==> flow/design.v <==
module my_diff_unit_fa (
  input logic a,
  input logic b,
  input logic ci,
  output logic s,
  output logic co
);
  wire p = a ^ b;
  assign s = p ^ ci;
  assign co = p ? ci : a;
endmodule
module my_diff_unit #(
  parameter W = 8
) (
  input logic clk,
  input logic [W-1:0] in_da,
  input logic [W-1:0] in_db,
  input logic in_do_sub,
  output logic [W-1:0] out_res,
  output logic out_carry_out
);
  logic [W-1:0] da_s;
  always_ff @(posedge clk) begin
    da_s <= in_da;
  end
  logic [W-1:0] db_s;
  always_ff @(posedge clk) begin
    db_s <= in_db;
  end
  logic do_sub_s;
  always_ff @(posedge clk) begin
    do_sub_s <= in_do_sub;
  end
  logic [W-1:0] tmp;
  logic [W:0] carry;
  assign carry[0] = do_sub_s;
  for (genvar i = 0; i < W; i++) begin : gen
    my_diff_unit_fa inst (.a(da_s[i]), .b(db_s[i] ^ do_sub_s), .ci(carry[i]), .s(tmp[i]), .co(carry[i+1]));
  end
  logic [W-1:0] res_s;
  always_ff @(posedge clk) begin
    res_s <= tmp;
  end
  assign out_res = res_s;
  logic carry_out_s;
  always_ff @(posedge clk) begin
    carry_out_s <= carry[W];
  end
  assign out_carry_out = carry_out_s;
endmodule
--- tool output ---
* Tool chain data of my_diff_unit
A sweep over "W": the same steps for each member of the family.
The RTL above is that of W 8; lines are counted from 1 in the file of the member named.
Operators carry their Yosys type and port widths (W data, S select, Z words).
A cell with n/a has no value.
- Design top :: my_diff_unit
- Clock input :: clk
- Library :: sky130hd
- Timing corner :: tt_025C_1v80

* Source of the members
New or changed lines of each further member against the RTL above, in its own file; lines it lacks are not shown.
** Lines new or changed
- W 40 :: line 13 : parameter W = 40
- W 48 :: line 13 : parameter W = 48
- W 112 :: line 13 : parameter W = 112

* After elaboration
Yosys after proc, flatten, opt, wreduce and memory -nomap, before mapping. Enables and synchronous resets that opt folds into registers are not counted as muxes. Memory bits, and registers merged into a memory's read port (data or address), are not among the register bits. Print and check cells are not counted. Equal cells are merged and count once.
** Operators by class
- W 8 :: muxes and demuxes 8, bitwise logic cells 24
- W 40 :: muxes and demuxes 40, bitwise logic cells 120
- W 48 :: muxes and demuxes 48, bitwise logic cells 144
- W 112 :: muxes and demuxes 112, bitwise logic cells 336
** Operator list (kind and count)
- W 8 :: $xor A1 B1 Y1 (24); $mux W1 (8)
- W 40 :: $xor A1 B1 Y1 (120); $mux W1 (40)
- W 48 :: $xor A1 B1 Y1 (144); $mux W1 (48)
- W 112 :: $xor A1 B1 Y1 (336); $mux W1 (112)
** Word-level totals
- W 8 :: output and inout bits 9, word-level cells 37, bits of input ports 18, bits in registers 26
- W 40 :: output and inout bits 41, word-level cells 165, bits of input ports 82, bits in registers 122
- W 48 :: output and inout bits 49, word-level cells 197, bits of input ports 98, bits in registers 146
- W 112 :: output and inout bits 113, word-level cells 453, bits of input ports 226, bits in registers 338

* Longest topological paths
Longest topological path by Yosys (ltp), each cell counted once; first at word level (registers and memories cut), then after technology mapping (sequential cells cut; the memories' decode and read muxes count).
** Depth
- W 8 :: depth in word-level cells 10, ABC_AREA 0, mapped depth 9, depth with buffers taken out 7
- W 40 :: depth in word-level cells 42, ABC_AREA 0, mapped depth 21, depth with buffers taken out 18
- W 48 :: depth in word-level cells 50, ABC_AREA 0, mapped depth 21, depth with buffers taken out 17
- W 112 :: depth in word-level cells 114, ABC_AREA 0, mapped depth 52, depth with buffers taken out 44

* Mapped cells and area
The flow's flattened synthesis, as Yosys stat reports it; memories are mapped. The netlist is that of the ABC_AREA named above (0 if unset); the other value can give another one.
** Mapped netlist
- W 8 :: sequential part of the area 520.5 um^2, buffers 9, cell area after synthesis 1347.5 um^2, flip-flops 26, cells in the netlist 142
- W 40 :: sequential part of the area 2442.3 um^2, buffers 43, cell area after synthesis 6273.5 um^2, flip-flops 122, cells in the netlist 710
- W 48 :: sequential part of the area 2922.8 um^2, buffers 52, cell area after synthesis 7370.8 um^2, flip-flops 146, cells in the netlist 819
- W 112 :: sequential part of the area 6766.5 um^2, buffers 167, cell area after synthesis 19672.6 um^2, flip-flops 338, cells in the netlist 2442
** Cells by type (types with counts)
- W 8 :: sky130_fd_sc_hd__dfxtp_1 (26); sky130_fd_sc_hd__xnor2_1 (11); sky130_fd_sc_hd__a21oi_1 (11); sky130_fd_sc_hd__a211oi_1 (5); sky130_fd_sc_hd__o21ai_0 (7); sky130_fd_sc_hd__xor2_1 (4); sky130_fd_sc_hd__buf_6 (3); sky130_fd_sc_hd__nand2b_1 (5); sky130_fd_sc_hd__nand2_1 (7); sky130_fd_sc_hd__a31oi_1 (4); sky130_fd_sc_hd__nand3_1 (5); sky130_fd_sc_hd__o211ai_1 (3); sky130_fd_sc_hd__o31ai_4 (1); sky130_fd_sc_hd__and2_1 (3); sky130_fd_sc_hd__inv_1 (5); sky130_fd_sc_hd__a221oi_1 (2); sky130_fd_sc_hd__a21o_4 (1); sky130_fd_sc_hd__a221oi_2 (1); [+38]
- W 40 :: sky130_fd_sc_hd__dfxtp_1 (122); sky130_fd_sc_hd__xnor2_1 (77); sky130_fd_sc_hd__xor2_1 (35); sky130_fd_sc_hd__nand2_1 (58); sky130_fd_sc_hd__o21ai_0 (42); sky130_fd_sc_hd__a21oi_1 (39); sky130_fd_sc_hd__nand2b_1 (25); sky130_fd_sc_hd__a31oi_1 (23); sky130_fd_sc_hd__nor2_1 (34); sky130_fd_sc_hd__nand3_1 (22); sky130_fd_sc_hd__a211oi_1 (12); sky130_fd_sc_hd__clkbuf_1 (24); sky130_fd_sc_hd__inv_1 (24); sky130_fd_sc_hd__maj3_1 (9); sky130_fd_sc_hd__and2_1 (11); sky130_fd_sc_hd__nor2b_1 (10); sky130_fd_sc_hd__o22ai_1 (10); sky130_fd_sc_hd__o211ai_1 (8); [+125]
- W 48 :: sky130_fd_sc_hd__dfxtp_1 (146); sky130_fd_sc_hd__xnor2_1 (83); sky130_fd_sc_hd__xor2_1 (51); sky130_fd_sc_hd__o21ai_0 (48); sky130_fd_sc_hd__a21oi_1 (40); sky130_fd_sc_hd__nand2b_1 (29); sky130_fd_sc_hd__maj3_1 (18); sky130_fd_sc_hd__nand2_1 (43); sky130_fd_sc_hd__nor2_1 (43); sky130_fd_sc_hd__nor2b_1 (23); sky130_fd_sc_hd__a31oi_1 (18); sky130_fd_sc_hd__clkbuf_1 (27); sky130_fd_sc_hd__o211ai_1 (13); sky130_fd_sc_hd__o31ai_1 (12); sky130_fd_sc_hd__o22ai_1 (14); sky130_fd_sc_hd__inv_1 (23); sky130_fd_sc_hd__or2_2 (13); sky130_fd_sc_hd__nor3_1 (16); [+159]
- W 112 :: sky130_fd_sc_hd__dfxtp_1 (338); sky130_fd_sc_hd__xnor2_1 (185); sky130_fd_sc_hd__maj3_1 (108); sky130_fd_sc_hd__nand2_1 (245); sky130_fd_sc_hd__o21ai_0 (148); sky130_fd_sc_hd__xor2_1 (80); sky130_fd_sc_hd__nor2_1 (168); sky130_fd_sc_hd__nand2b_1 (95); sky130_fd_sc_hd__a21oi_1 (115); sky130_fd_sc_hd__a31oi_1 (72); sky130_fd_sc_hd__clkbuf_1 (111); sky130_fd_sc_hd__inv_1 (109); sky130_fd_sc_hd__o22ai_1 (50); sky130_fd_sc_hd__nand3_1 (62); sky130_fd_sc_hd__nor3_1 (59); sky130_fd_sc_hd__a211oi_1 (32); sky130_fd_sc_hd__a221oi_1 (25); sky130_fd_sc_hd__and2_1 (32); [+408]
A list marked [+n] leaves out that many cells.
By module: a second synthesis without flattening, with its own total; a netlist apart from the flattened one above.
** Unflattened totals
- W 8 :: cells (unflattened synthesis) 51, area (unflattened synthesis) 872.1 um^2
- W 40 :: cells (unflattened synthesis) 247, area (unflattened synthesis) 4215.3 um^2
- W 48 :: cells (unflattened synthesis) 296, area (unflattened synthesis) 5047.3 um^2
- W 112 :: cells (unflattened synthesis) 687, area (unflattened synthesis) 11741.3 um^2

* Timing after synthesis
Path of least setup slack by OpenSTA after synthesis, without wires, with an ideal clock, recovery checks aside; 20% of the period is set as input and as output delay. Where synthesis merged equal registers, the netlist keeps one of their names.
** Timing after synthesis
- W 8 :: path kind register to register, from register da_s[1], to register carry_out_s, delay of the path 1.861 ns, setup slack 0.469 ns, stages on the path 9, period 2.33 ns, synthesis period reached 1.861 ns
- W 40 :: path kind register to register, from register db_s[1], to register res_s[37], delay of the path 4.250 ns, setup slack 1.059 ns, stages on the path 19, period 5.31 ns, synthesis period reached 4.251 ns
- W 48 :: path kind register to register, from register da_s[1], to register carry_out_s, delay of the path 4.400 ns, setup slack 1.100 ns, stages on the path 19, period 5.5 ns, synthesis period reached 4.4 ns
- W 112 :: path kind register to register, from register da_s[10], to register res_s[109], delay of the path 9.687 ns, setup slack 2.413 ns, stages on the path 45, period 12.1 ns, synthesis period reached 9.687 ns
"delay of the path" is the arrival time less input delay plus setup time.
"stages on the path" counts driving pins, that of a launching flip-flop among them; a cell with two outputs on the path counts twice.
"synthesis period reached" is the clock period less the worst setup slack; recovery checks do not enter. This is arithmetic on one report: input and output delays are still those of the set period (20% each).
The rows between start and end are the longest chain of elaborated cells between them; the timing report does not say that the signal goes this way. Where chains are equally long, one stands for them.
Each line given opens the expression or statement behind the cell; cells for indexed reads and writes are added by Yosys, which also makes memories of some case tables.
Between the ends, after synthesis, W 8:
- Cells in the longest elaborated chain :: 8
** Ends and longest elaborated chain, after synthesis, W 8
- start, declared :: line 22 : logic [W-1:0] da_s;
- start, assigned :: line 24 : da_s <= in_da;
- $xor A1 B1 Y1 :: line 8 : wire p = a ^ b;
- $mux W1 x7 :: line 10 : assign co = p ? ci : a;
- end, assigned :: line 47 : carry_out_s <= carry[W];
- end, declared :: line 45 : logic carry_out_s;
Between the ends, after synthesis, W 112:
- Cells in the longest elaborated chain :: 101
** Ends and longest elaborated chain, after synthesis, W 112
- start, declared :: line 22 : logic [W-1:0] da_s;
- start, assigned :: line 24 : da_s <= in_da;
- $xor A1 B1 Y1 :: line 8 : wire p = a ^ b;
- $mux W1 x99 :: line 10 : assign co = p ? ci : a;
- $xor A1 B1 Y1 :: line 9 : assign s = p ^ ci;
- end, assigned :: line 42 : res_s <= tmp;
- end, declared :: line 40 : logic [W-1:0] res_s;

* Timing after layout
From the final timing report of each member's run: the path of least setup slack in the routed layout; clock arrival at registers is part of the times.
** Timing post-layout
- W 8 :: path kind register to register, from register da_s[1], to register res_s[5], setup slack 0.23 ns, stages on the path 8, data arrival time 2.37 ns, period 2.33 ns
- W 40 :: path kind register to register, from register db_s[0], to register res_s[37], setup slack 0.58 ns, stages on the path 19, data arrival time 5.02 ns, period 5.31 ns
- W 48 :: path kind register to register, from register do_sub_s, to register carry_out_s, setup slack 0.44 ns, stages on the path 19, data arrival time 5.37 ns, period 5.5 ns
- W 112 :: path kind register to register, from register do_sub_s, to register res_s[109], setup slack 0.84 ns, stages on the path 48, data arrival time 11.75 ns, period 12.1 ns

* Layout results
Settings and results of one run of the flow (Yosys, OpenROAD) for each member follow. The constraints put input and output delay at 20% of the set period each and load the outputs with 0.01 pF.
- CAP_MARGIN :: 20
- CORE_MARGIN :: 2
- CORE_UTILIZATION :: 40
- SLEW_MARGIN :: 20
** Settings that differ (period_ns)
- W 8 :: 2.33
- W 40 :: 5.31
- W 48 :: 5.5
- W 112 :: 12.1
** Measured results
- W 8 :: clock period achieved 2.095 ns, die footprint 3849.0 um^2, total power of the final layout 0.9866 mW, final setup TNS 0.000 ns, utilization in the final report 49.5%, lowest setup slack 0.235 ns, mapped cell area after synthesis 1347.5 um^2, worst hold slack 0.539 ns, std-cell area (final layout) 1625.3 um^2
- W 40 :: clock period achieved 4.731 ns, die footprint 16701.7 um^2, total power of the final layout 2.979 mW, final setup TNS 0.000 ns, utilization in the final report 53.9%, lowest setup slack 0.579 ns, mapped cell area after synthesis 6273.5 um^2, worst hold slack 0.596 ns, std-cell area (final layout) 8219.1 um^2
- W 48 :: clock period achieved 5.059 ns, die footprint 19528.7 um^2, total power of the final layout 3.252 mW, final setup TNS 0.000 ns, utilization in the final report 52.9%, lowest setup slack 0.441 ns, mapped cell area after synthesis 7370.8 um^2, worst hold slack 0.558 ns, std-cell area (final layout) 9530.4 um^2
- W 112 :: clock period achieved 11.264 ns, die footprint 50972.1 um^2, total power of the final layout 3.484 mW, final setup TNS 0.000 ns, utilization in the final report 50.7%, lowest setup slack 0.836 ns, mapped cell area after synthesis 19672.6 um^2, worst hold slack 0.517 ns, std-cell area (final layout) 24693.7 um^2
"clock period achieved": clock period set for the run, less the worst setup slack. It is reckoned from that one timing run; input and output delays stay at 20% of the period that was set.
By "total power of the final layout" is meant OpenSTA's value without simulated activity: inputs other than the clock are taken to toggle once in ten clock periods, and the tool carries that through the logic.
--- end ---
